==> flow/design.v <==
module dp_mplex_v2 #(
    parameter XLEN = 24
) (
    input  clock,
    input  srst,
    input  [XLEN-1:0] ch_0_in,
    input  [XLEN-1:0] ch_1_in,
    input  [XLEN-1:0] ch_2_in,
    input  [XLEN-1:0] ch_3_in,
    input  [XLEN-1:0] ch_4_in,
    input  [XLEN-1:0] ch_5_in,
    input  [4:0] addr_in,
    output [XLEN-1:0] result_out
);
    reg [XLEN-1:0] ch_0_r;
    reg [XLEN-1:0] ch_1_r;
    reg [XLEN-1:0] ch_2_r;
    reg [XLEN-1:0] ch_3_r;
    reg [XLEN-1:0] ch_4_r;
    reg [XLEN-1:0] ch_5_r;
    reg [4:0] addr_r;
    reg [XLEN-1:0] work;
    always @(*) begin
        casez (addr_r)
            5'b????1: work = ch_0_r;
            5'b???10: work = ch_1_r;
            5'b??100: work = ch_2_r;
            5'b?1000: work = ch_3_r;
            5'b10000: work = ch_4_r;
            default: work = ch_5_r;
        endcase
    end
    assign result_out = work;
    always @(posedge clock) begin
        if (srst) begin
            ch_0_r <= 0;
            ch_1_r <= 0;
            ch_2_r <= 0;
            ch_3_r <= 0;
            ch_4_r <= 0;
            ch_5_r <= 0;
            addr_r <= 0;
        end else begin
            ch_0_r <= ch_0_in;
            ch_1_r <= ch_1_in;
            ch_2_r <= ch_2_in;
            ch_3_r <= ch_3_in;
            ch_4_r <= ch_4_in;
            ch_5_r <= ch_5_in;
            addr_r <= addr_in;
        end
    end
endmodule
* Reports on dp_mplex_v2
The steps from the RTL of dp_mplex_v2 to its reports follow in flow order.
Line numbers count from 1 in the design file above.
Operators: Yosys type, input widths -> output width; for muxes data width and select width s.
Library cell names are shortened.
Not given: -
- Top module :: dp_mplex_v2
- Clock :: clock
- Cell library :: sky130hd
- Corner :: tt_025C_1v80

* Word level
Counts by Yosys on the flattened word-level netlist (proc, flatten, opt, wreduce; memories kept). Register bits leave out memories and registers merged into their read ports (data or address); mux counts leave out enables and synchronous resets folded into registers. Print and check cells are left out. Cells with the same type and inputs are merged into one.
- Eq/ne operators :: 4
- Mux-type cells :: 1
** Operators by type and width (count)
- $pmux 24 s5 :: 1
- $eq 5x5->1 const B :: 1
- $eq 4x4->1 const B :: 1
- $eq 3x3->1 const B :: 1
- $eq 2x2->1 const B :: 1
- Register bits :: 149
- Input bits :: 151
- Output and inout port bits :: 24
- Cells after elaboration :: 12

* Depth
Longest topological path by Yosys (ltp), each cell counted once; first at word level (registers and memories cut), then after technology mapping (sequential cells cut; the memories' decode and read muxes count).
- Word-level depth :: 2
- ABC_AREA :: 0
- Mapped depth :: 6
- Gate-level depth less buffers :: 3

* Netlist
Source: synth_stat.txt of the flow (Yosys; design flattened, memories mapped). It holds for the ABC_AREA given above (unset counts as 0); a run with the other value may have another netlist.
The area totals of this step are shown rounded.
** Cell types
- dfxtp_1 :: count 149, area in all 2.98E+03 µm²
- nor2b_1 :: count 149, area in all 932.144 µm²
- a22o_1 :: count 24, area in all 210.202 µm²
- a2bb2oi_1 :: count 24, area in all 210.202 µm²
- a22oi_1 :: count 24, area in all 180.173 µm²
- nand3b_1 :: count 24, area in all 180.173 µm²
- nand2b_1 :: count 25, area in all 156.4 µm²
- a21oi_1 :: count 24, area in all 120.115 µm²
- clkbuf_1 :: count 27, area in all 101.347 µm²
- inv_1 :: count 24, area in all 90.086 µm²
- buf_2 :: count 11, area in all 55.053 µm²
- nor4b_4 :: count 1, area in all 23.773 µm²
- nor4_4 :: count 1, area in all 21.27 µm²
- Mapped cells :: 507
- Chip area (Yosys) :: 5300 µm²
- Sequential part of the area :: 3000 µm²
- Mapped flip-flops :: 149
- Buffers :: 38

* Worst setup path after synthesis
OpenSTA on the mapped netlist: ideal clock, no wires. The path of least setup slack (recovery checks aside). Input and output delay are each 20% of the period. Register names are those of the netlist, which keeps one name where synthesis merged equal registers.
- Path type :: register to output
- Start :: register addr_r[2]
- End :: output result_out[0]
- Clock period :: 2.08 ns
- Output delay :: 0.416 ns
- Launch time at the first pin :: 0.000 ns
- Arrival time :: 1.329 ns
- Required time :: 1.664 ns
- Slack :: 0.335 ns
- Path delay :: 1.329 ns
- Stages :: 6
- Buffers on the path :: 2
- Synthesis period reached :: 1.745 ns
"path delay" is the arrival time less input delay plus setup time.
At an output port there is no setup time.
"stages": output pins that drive a net of the path, with the launching flip-flop's if there is one; two outputs of one cell count as two.
"synthesis period reached" is the clock period less the worst setup slack; recovery checks do not enter. This is arithmetic on one report: input and output delays are still those of the set period (20% each).
The rows between start and end are the longest chain of elaborated cells between them; the timing report does not say that the signal goes this way. Where chains are equally long, one stands for them.
A line is the first line of the expression or statement that the cell stems from. Yosys adds cells for indexed reads and writes and turns some case tables into memories.
- Path through :: dfxtp_1 buf_2 nor4_4 buf_2 a22oi_1 a2bb2oi_1
- Length of the longest elaborated chain :: 2
- Elaborated cells on any way between the ends :: 4
- RTL lines with such cells :: 1
- Classes of those cells :: 3 x eq/ne; 1 x mux
** RTL lines, path after synthesis
- start, declared :: RTL line 21 : reg [4:0] addr_r;
- start, assigned :: RTL line 42 : addr_r <= 0;
- start, assigned :: RTL line 50 : addr_r <= addr_in;
- $eq 5x5->1 :: RTL line 24 : casez (addr_r)
- $pmux 24 s5 :: RTL line 24
- end, declared :: RTL line 13 : output [XLEN-1:0] result_out

* Timing after layout
Path of least setup slack in the final report of record 2 (OpenROAD, finished layout, wires in). Where an end is a register, its clock arrival counts in the times.
- Path type :: register to output
- Start :: register addr_r[2]
- End :: output result_out[19]
- Clock period :: 2.08 ns
- Output delay :: 0.42 ns
- Launch time at the first pin :: 0.41 ns
- Arrival time :: 1.80 ns
- Required time :: 1.66 ns
- Slack :: -0.13 ns
- Stages :: 7
- Buffers on the path :: 3
The rows between start and end are the longest chain of elaborated cells between them; the timing report does not say that the signal goes this way. Where chains are equally long, one stands for them.
- Path through :: dfxtp_4 nor4b_4 buf_6 buf_8 a22oi_2 a2bb2oi_2 buf_2
- Length of the longest elaborated chain :: 2
- Elaborated cells on any way between the ends :: 4
- RTL lines with such cells :: 1
- Classes of those cells :: 3 x eq/ne; 1 x mux
** RTL lines, path post-layout
- start, declared :: RTL line 21 : reg [4:0] addr_r;
- start, assigned :: RTL line 42 : addr_r <= 0;
- start, assigned :: RTL line 50 : addr_r <= addr_in;
- $eq 5x5->1 :: RTL line 24 : casez (addr_r)
- $pmux 24 s5 :: RTL line 24
- end, declared :: RTL line 13 : output [XLEN-1:0] result_out

FLOW RESULTS
============

Measured data: module dp_mplex_v2, platform sky130hd, 2 stored runs of the flow under differing settings, order arbitrary. Input and output delays are each 20% of the period that was set; the output load is 0.01 pF.
"reached clock period": clock period set for the run, less the worst setup slack. It is reckoned from that one timing run; input and output delays stay at 20% of the period that was set.
"worst setup path time" means the part of the period allowed to the worst setup path (the constraints hold back 20% at inputs and 20% at outputs) less its slack; where the path has registers, the arrival times of their clocks count too.
"total power of the final layout": no workload was simulated; the value follows from the tool's default switching activity.
The results are shown rounded.

* Record 1
** Files
==> flow/run.sh <==
#!/bin/bash
# the make line also repeats the synthesis and layout settings of config.mk as NAME=value (left out here)
make -C /OpenROAD-flow-scripts/flow DESIGN_CONFIG=/design/flow/config.mk WORK_HOME=/design/flow/orfs CLKGATE_MAP_FILE= finish
==> flow/config.mk <==
export PLATFORM = sky130hd
export DESIGN_NAME = dp_mplex_v2
export DESIGN_NICKNAME = dp_mplex_v2
export VERILOG_FILES = /design/flow/design.v
export SDC_FILE = /design/flow/constraint.sdc
export NUM_CORES = 4
export LEC_CHECK = 0
export CAP_MARGIN = 20
export CELL_PAD_IN_SITES_DETAIL_PLACEMENT = 2
export CORE_ASPECT_RATIO = 1.02
export CORE_MARGIN = 7
export CORE_UTILIZATION = 40
export GPL_ROUTABILITY_DRIVEN = 1
export HOLD_SLACK_MARGIN = 0.3
export MIN_ROUTING_LAYER = met1
export PLACE_DENSITY_LB_ADDON = 0.16
export SLEW_MARGIN = 20
==> flow/constraint.sdc <==
create_clock -name core_clock -period 1.98 [get_ports {clock}]
set_input_delay 0.3960 -clock core_clock [delete_from_list [all_inputs] [get_ports {clock}]]
set_output_delay 0.3960 -clock core_clock [all_outputs]
set_load 0.01 [all_outputs]
** Results
Not finished: clock tree synthesis ended with error DPL-0033.

* Record 2
** Files
==> flow/run.sh <==
#!/bin/bash
# the make line also repeats the synthesis and layout settings of config.mk as NAME=value (left out here)
make -C /OpenROAD-flow-scripts/flow DESIGN_CONFIG=/design/flow/config.mk WORK_HOME=/design/flow/orfs CLKGATE_MAP_FILE= finish
==> flow/config.mk <==
export PLATFORM = sky130hd
export DESIGN_NAME = dp_mplex_v2
export DESIGN_NICKNAME = dp_mplex_v2
export VERILOG_FILES = /design/flow/design.v
export SDC_FILE = /design/flow/constraint.sdc
export NUM_CORES = 4
export LEC_CHECK = 0
export CAP_MARGIN = 20
export CORE_MARGIN = 2
export CORE_UTILIZATION = 40
export SLEW_MARGIN = 20
==> flow/constraint.sdc <==
create_clock -name core_clock -period 2.08 [get_ports {clock}]
set_input_delay 0.4160 -clock core_clock [delete_from_list [all_inputs] [get_ports {clock}]]
set_output_delay 0.4160 -clock core_clock [all_outputs]
set_load 0.01 [all_outputs]
** Results
- Setup slack of the worst path :: -0.13 ns
- Yosys chip area after synthesis :: 5,300 µm²
- Final worst hold slack :: 0.55 ns
- Worst setup path time :: 1.80 ns
- Kind of the worst setup path :: register to output
- Total negative slack on setup checks :: -2.1 ns
- Final utilization :: 63%
- Total power of the final layout :: 7,000 µW
- Standard-cell area after routing :: 8,000 µm²
- Reached clock period :: 2.212 ns
- Full die area :: 14,000 µm²
